==> flow/design.v <==
module adder_v2 #(
  parameter int BITS = 10,
  parameter int N = 20,
  parameter int OUT_W = BITS + $clog2(N)
) (
  input logic i_clk,
  input logic i_rst_n,
  input logic [N*BITS-1:0] d,
  output logic [OUT_W-1:0] o
);
  logic [N*BITS-1:0] r_d;
  wire [OUT_W-1:0] lvl [1:2*N-1];
  for (genvar gi = 0; gi < N; gi++) begin : stage
    assign lvl[N+gi] = r_d[gi*BITS +: BITS];
  end
  for (genvar gi = 1; gi < N; gi++) begin : lane
    assign lvl[gi] = lvl[2*gi] + lvl[2*gi+1];
  end
  assign o = lvl[1];
  always_ff @(posedge i_clk) begin
    if (!i_rst_n) begin
      r_d <= '0;
    end else begin
      r_d <= d;
    end
  end
endmodule
[Step by step through the tools: adder_v2]
What the tools print for adder_v2, step after step.
Lines are those of the file above, counted from 1.
The mark n/a stands for no value.
Design
  design top: adder_v2
  clock: i_clk
  standard-cell library: sky130hd
  library corner: tt_025C_1v80

[Word level]
Source: Yosys, flattened and elaborated. Widths are those after wreduce; folded enables and synchronous resets count as part of the registers. Registers that Yosys merges into a memory's read port (data or address) are not register bits. Print and check cells do not count. Equal cells are merged and count once.
Storage and ports
  word-level cells: 20
  flip-flop bits (word level): 200
  output and inout bits: 15
Operators by class
  $add $sub $neg: 19
Operator list (number)
  15-bit adder: 9
  10-bit by 10-bit adder with 11-bit output: 10

[Logic depth]
Depth = most cells in a row (Yosys ltp): at word level without a register or memory, in the mapped netlist without a sequential cell, where the memories' decode and read muxes count.
Depth
  depth after elaboration: 5
  ABC_AREA: 0
  mapped depth: 24
  depth with buffers taken out: 24

[After synthesis]
The flow's flattened synthesis, as Yosys stat reports it; memories are mapped. The netlist is that of the ABC_AREA named above (0 if unset); the other value can give another one.
Cell types
  sky130_fd_sc_hd__dfxtp_1: number 200, total area 4003.84 um^2
  sky130_fd_sc_hd__fa_1: number 95, total area 1.9E+03 um^2
  sky130_fd_sc_hd__ha_1: number 122, total area 1.53E+03 um^2
  sky130_fd_sc_hd__and2_1: number 202, total area 1.26E+03 um^2
  sky130_fd_sc_hd__xor2_1: number 48, total area 420.403 um^2
  sky130_fd_sc_hd__inv_1: number 107, total area 401.635 um^2
  sky130_fd_sc_hd__a21o_1: number 52, total area 390.374 um^2
  sky130_fd_sc_hd__xnor2_1: number 42, total area 367.853 um^2
  sky130_fd_sc_hd__a21oi_1: number 59, total area 295.283 um^2
  sky130_fd_sc_hd__o21ai_0: number 45, total area 225.216 um^2
  sky130_fd_sc_hd__nor2_1: number 46, total area 172.666 um^2
  sky130_fd_sc_hd__nand2_1: number 31, total area 116.362 um^2
  sky130_fd_sc_hd__a211oi_2: number 7, total area 87.584 um^2
  sky130_fd_sc_hd__clkbuf_1: number 22, total area 82.579 um^2
  sky130_fd_sc_hd__nand3_1: number 12, total area 60.058 um^2
  sky130_fd_sc_hd__or3_1: number 9, total area 56.304 um^2
  sky130_fd_sc_hd__nor2b_1: number 8, total area 50.048 um^2
  sky130_fd_sc_hd__nor3_1: number 8, total area 40.038 um^2
Not listed: further types 18, cells in them 41.
Mapped netlist
  mapped area: 11807.6 um^2
  flip-flops: 200
  cells in the netlist: 1156

[Worst setup path after synthesis]
Path of least setup slack by OpenSTA after synthesis, without wires, with an ideal clock, recovery checks aside; 20% of the period is set as input and as output delay. Where synthesis merged equal registers, the netlist keeps one of their names.
Path after synthesis
  path type: reg2out
  start: register r_d[60]
  end: output port o[13]
  driving pins on the path: 23
  path delay: 5774 ps
  buffers on the path: 0
  arrival time: 5774 ps
  clock period: 9020 ps
  external output delay: 1804 ps
  slack: 1442 ps
  synthesis period reached: 7578 ps
"path delay" = arrival - input delay + setup time.
A path that ends at an output port has no setup time.
"driving pins on the path": output pins that drive a net of the path, with the launching flip-flop's if there is one; two outputs of one cell count as two.
"synthesis period reached" is the clock period less the worst setup slack; recovery checks do not enter. This is arithmetic on one report: input and output delays are still those of the set period (20% each).
Between the ends stands the longest chain of elaborated cells between them, by number of cells; it is not shown to be the way that was timed. Of several equally long chains one is given.
A line is the first line of the expression or statement that the cell stems from. Yosys adds cells for indexed reads and writes and turns some case tables into memories.
On the way, after synthesis
  path through: sky130_fd_sc_hd__dfxtp_1 sky130_fd_sc_hd__ha_1 sky130_fd_sc_hd__fa_1 sky130_fd_sc_hd__a21o_1 sky130_fd_sc_hd__a21oi_1 sky130_fd_sc_hd__nor2_1 sky130_fd_sc_hd__a211oi_2 sky130_fd_sc_hd__xor2_1 sky130_fd_sc_hd__fa_1 sky130_fd_sc_hd__inv_1 sky130_fd_sc_hd__fa_1 sky130_fd_sc_hd__fa_1 sky130_fd_sc_hd__fa_1 sky130_fd_sc_hd__inv_1 sky130_fd_sc_hd__fa_1 sky130_fd_sc_hd__inv_1 sky130_fd_sc_hd__ha_1 sky130_fd_sc_hd__and3_2 sky130_fd_sc_hd__a221oi_2 sky130_fd_sc_hd__a21oi_2 sky130_fd_sc_hd__o21ai_2 sky130_fd_sc_hd__a21oi_1 sky130_fd_sc_hd__xor2_1
  length of the longest elaborated chain: 4
  elaborated cells on any way between the ends: 4
  source lines of those cells: 1
  classes of those cells: 4 x add/sub
Ends and longest elaborated chain, after synthesis
  start, declared: RTL line 11  | logic [N*BITS-1:0] r_d;
  start, assigned: RTL line 22  | r_d <= '0;
  start, assigned: RTL line 24  | r_d <= d;
  10-bit by 10-bit adder with 11-bit output: RTL line 17  | assign lvl[gi] = lvl[2*gi] + lvl[2*gi+1];
  15-bit adder (3 in a row): RTL line 17
  end, declared: RTL line 9  | output logic [OUT_W-1:0] o

[Timing after layout]
Path of least setup slack in the final report of flow run A (OpenROAD, finished layout, wires in). Where an end is a register, its clock arrival counts in the times.
The path's times are printed in steps of 10 ps; the period is the one set.
Path after layout
  path type: reg2out
  start: register r_d[140]
  end: output port o[10]
  external output delay: 1860 ps
  buffers on the path: 1
  driving pins on the path: 24
  arrival time: 7260 ps
  clock period: 9280 ps
  slack: 170 ps
Between the ends stands the longest chain of elaborated cells between them, by number of cells; it is not shown to be the way that was timed. Of several equally long chains one is given.
On the way, after layout
  path through: sky130_fd_sc_hd__dfxtp_1 sky130_fd_sc_hd__ha_1 sky130_fd_sc_hd__fa_1 sky130_fd_sc_hd__a21o_1 sky130_fd_sc_hd__a21oi_1 sky130_fd_sc_hd__nor2_1 sky130_fd_sc_hd__a211oi_2 sky130_fd_sc_hd__o2bb2ai_1 sky130_fd_sc_hd__xor2_1 sky130_fd_sc_hd__fa_1 sky130_fd_sc_hd__inv_1 sky130_fd_sc_hd__fa_1 sky130_fd_sc_hd__fa_1 sky130_fd_sc_hd__fa_1 sky130_fd_sc_hd__inv_1 sky130_fd_sc_hd__fa_1 sky130_fd_sc_hd__inv_1 sky130_fd_sc_hd__ha_1 sky130_fd_sc_hd__a21oi_1 sky130_fd_sc_hd__nand2_1 sky130_fd_sc_hd__a21oi_1 sky130_fd_sc_hd__o21ai_2 sky130_fd_sc_hd__xor2_2 sky130_fd_sc_hd__clkdlybuf4s50_1
  length of the longest elaborated chain: 5
  elaborated cells on any way between the ends: 5
  source lines of those cells: 1
  classes of those cells: 5 x add/sub
Ends and longest elaborated chain, after layout
  start, declared: RTL line 11  | logic [N*BITS-1:0] r_d;
  start, assigned: RTL line 22  | r_d <= '0;
  start, assigned: RTL line 24  | r_d <= d;
  10-bit by 10-bit adder with 11-bit output: RTL line 17  | assign lvl[gi] = lvl[2*gi] + lvl[2*gi+1];
  15-bit adder (4 in a row): RTL line 17
  end, declared: RTL line 9  | output logic [OUT_W-1:0] o

==> runs of adder_v2 <==
Settings and measured results of 3 stored flow runs for module adder_v2 (sky130hd), not sorted in any way. The constraints put input and output delay at 20% of the set period each and load the outputs with 0.01 pF.
"achieved period" means the clock period less the worst setup slack. The figure is calculated, with input and output delays left at 20% of the set period.
By "time of the worst setup path" is meant the share of the clock period that the worst setup path is allowed (20% is reserved at inputs, 20% at outputs), minus its slack. Clock arrival times at its registers enter into it.
"time of the worst setup path" is given in steps of 10 ps.

==> flow run A: settings <==
{ "period_ns": 9.28, "CORE_UTILIZATION": 15, "SETUP_SLACK_MARGIN": -0.19, "PLACE_DENSITY": 0.85, "CORE_MARGIN": 7, "CELL_PAD_IN_SITES_GLOBAL_PLACEMENT": 3, "GPL_TIMING_DRIVEN": 0, "GPL_ROUTABILITY_DRIVEN": 0, "CTS_CLUSTER_DIAMETER": 101, "CAP_MARGIN": 35, "SLEW_MARGIN": 20 }
==> flow run A: results <==
time of the worst setup path: 7260 ps
worst setup path kind: reg2out
utilization of the finished layout: 0.205
lowest setup slack: 165 ps
die footprint: 86768.5 um^2
post-route setup TNS: 0 ps
achieved period: 9115 ps
chip area in the Yosys report: 11807.6 um^2
worst-case hold slack: 1937 ps

==> flow run B: settings <==
{ "period_ns": 9.02, "CAP_MARGIN": 20, "CORE_MARGIN": 2, "CORE_UTILIZATION": 40, "SLEW_MARGIN": 20 }
==> flow run B: results <==
time of the worst setup path: 6930 ps
worst setup path kind: reg2out
utilization of the finished layout: 0.521
lowest setup slack: 290 ps
die footprint: 30909.2 um^2
post-route setup TNS: 0 ps
achieved period: 8730 ps
chip area in the Yosys report: 11807.6 um^2
worst-case hold slack: 1820 ps

==> flow run C: settings <==
{ "period_ns": 7.84, "CORE_UTILIZATION": 48, "PLACE_DENSITY_LB_ADDON": 0.23, "CELL_PAD_IN_SITES_DETAIL_PLACEMENT": 2, "TNS_END_PERCENT": 75, "GPL_TIMING_DRIVEN": 1, "GPL_ROUTABILITY_DRIVEN": 1, "CAP_MARGIN": 40, "MIN_ROUTING_LAYER": "met2", "CORE_MARGIN": 2, "SLEW_MARGIN": 20 }
==> flow run C: results <==
no final report: placement broke off with DPL-0033
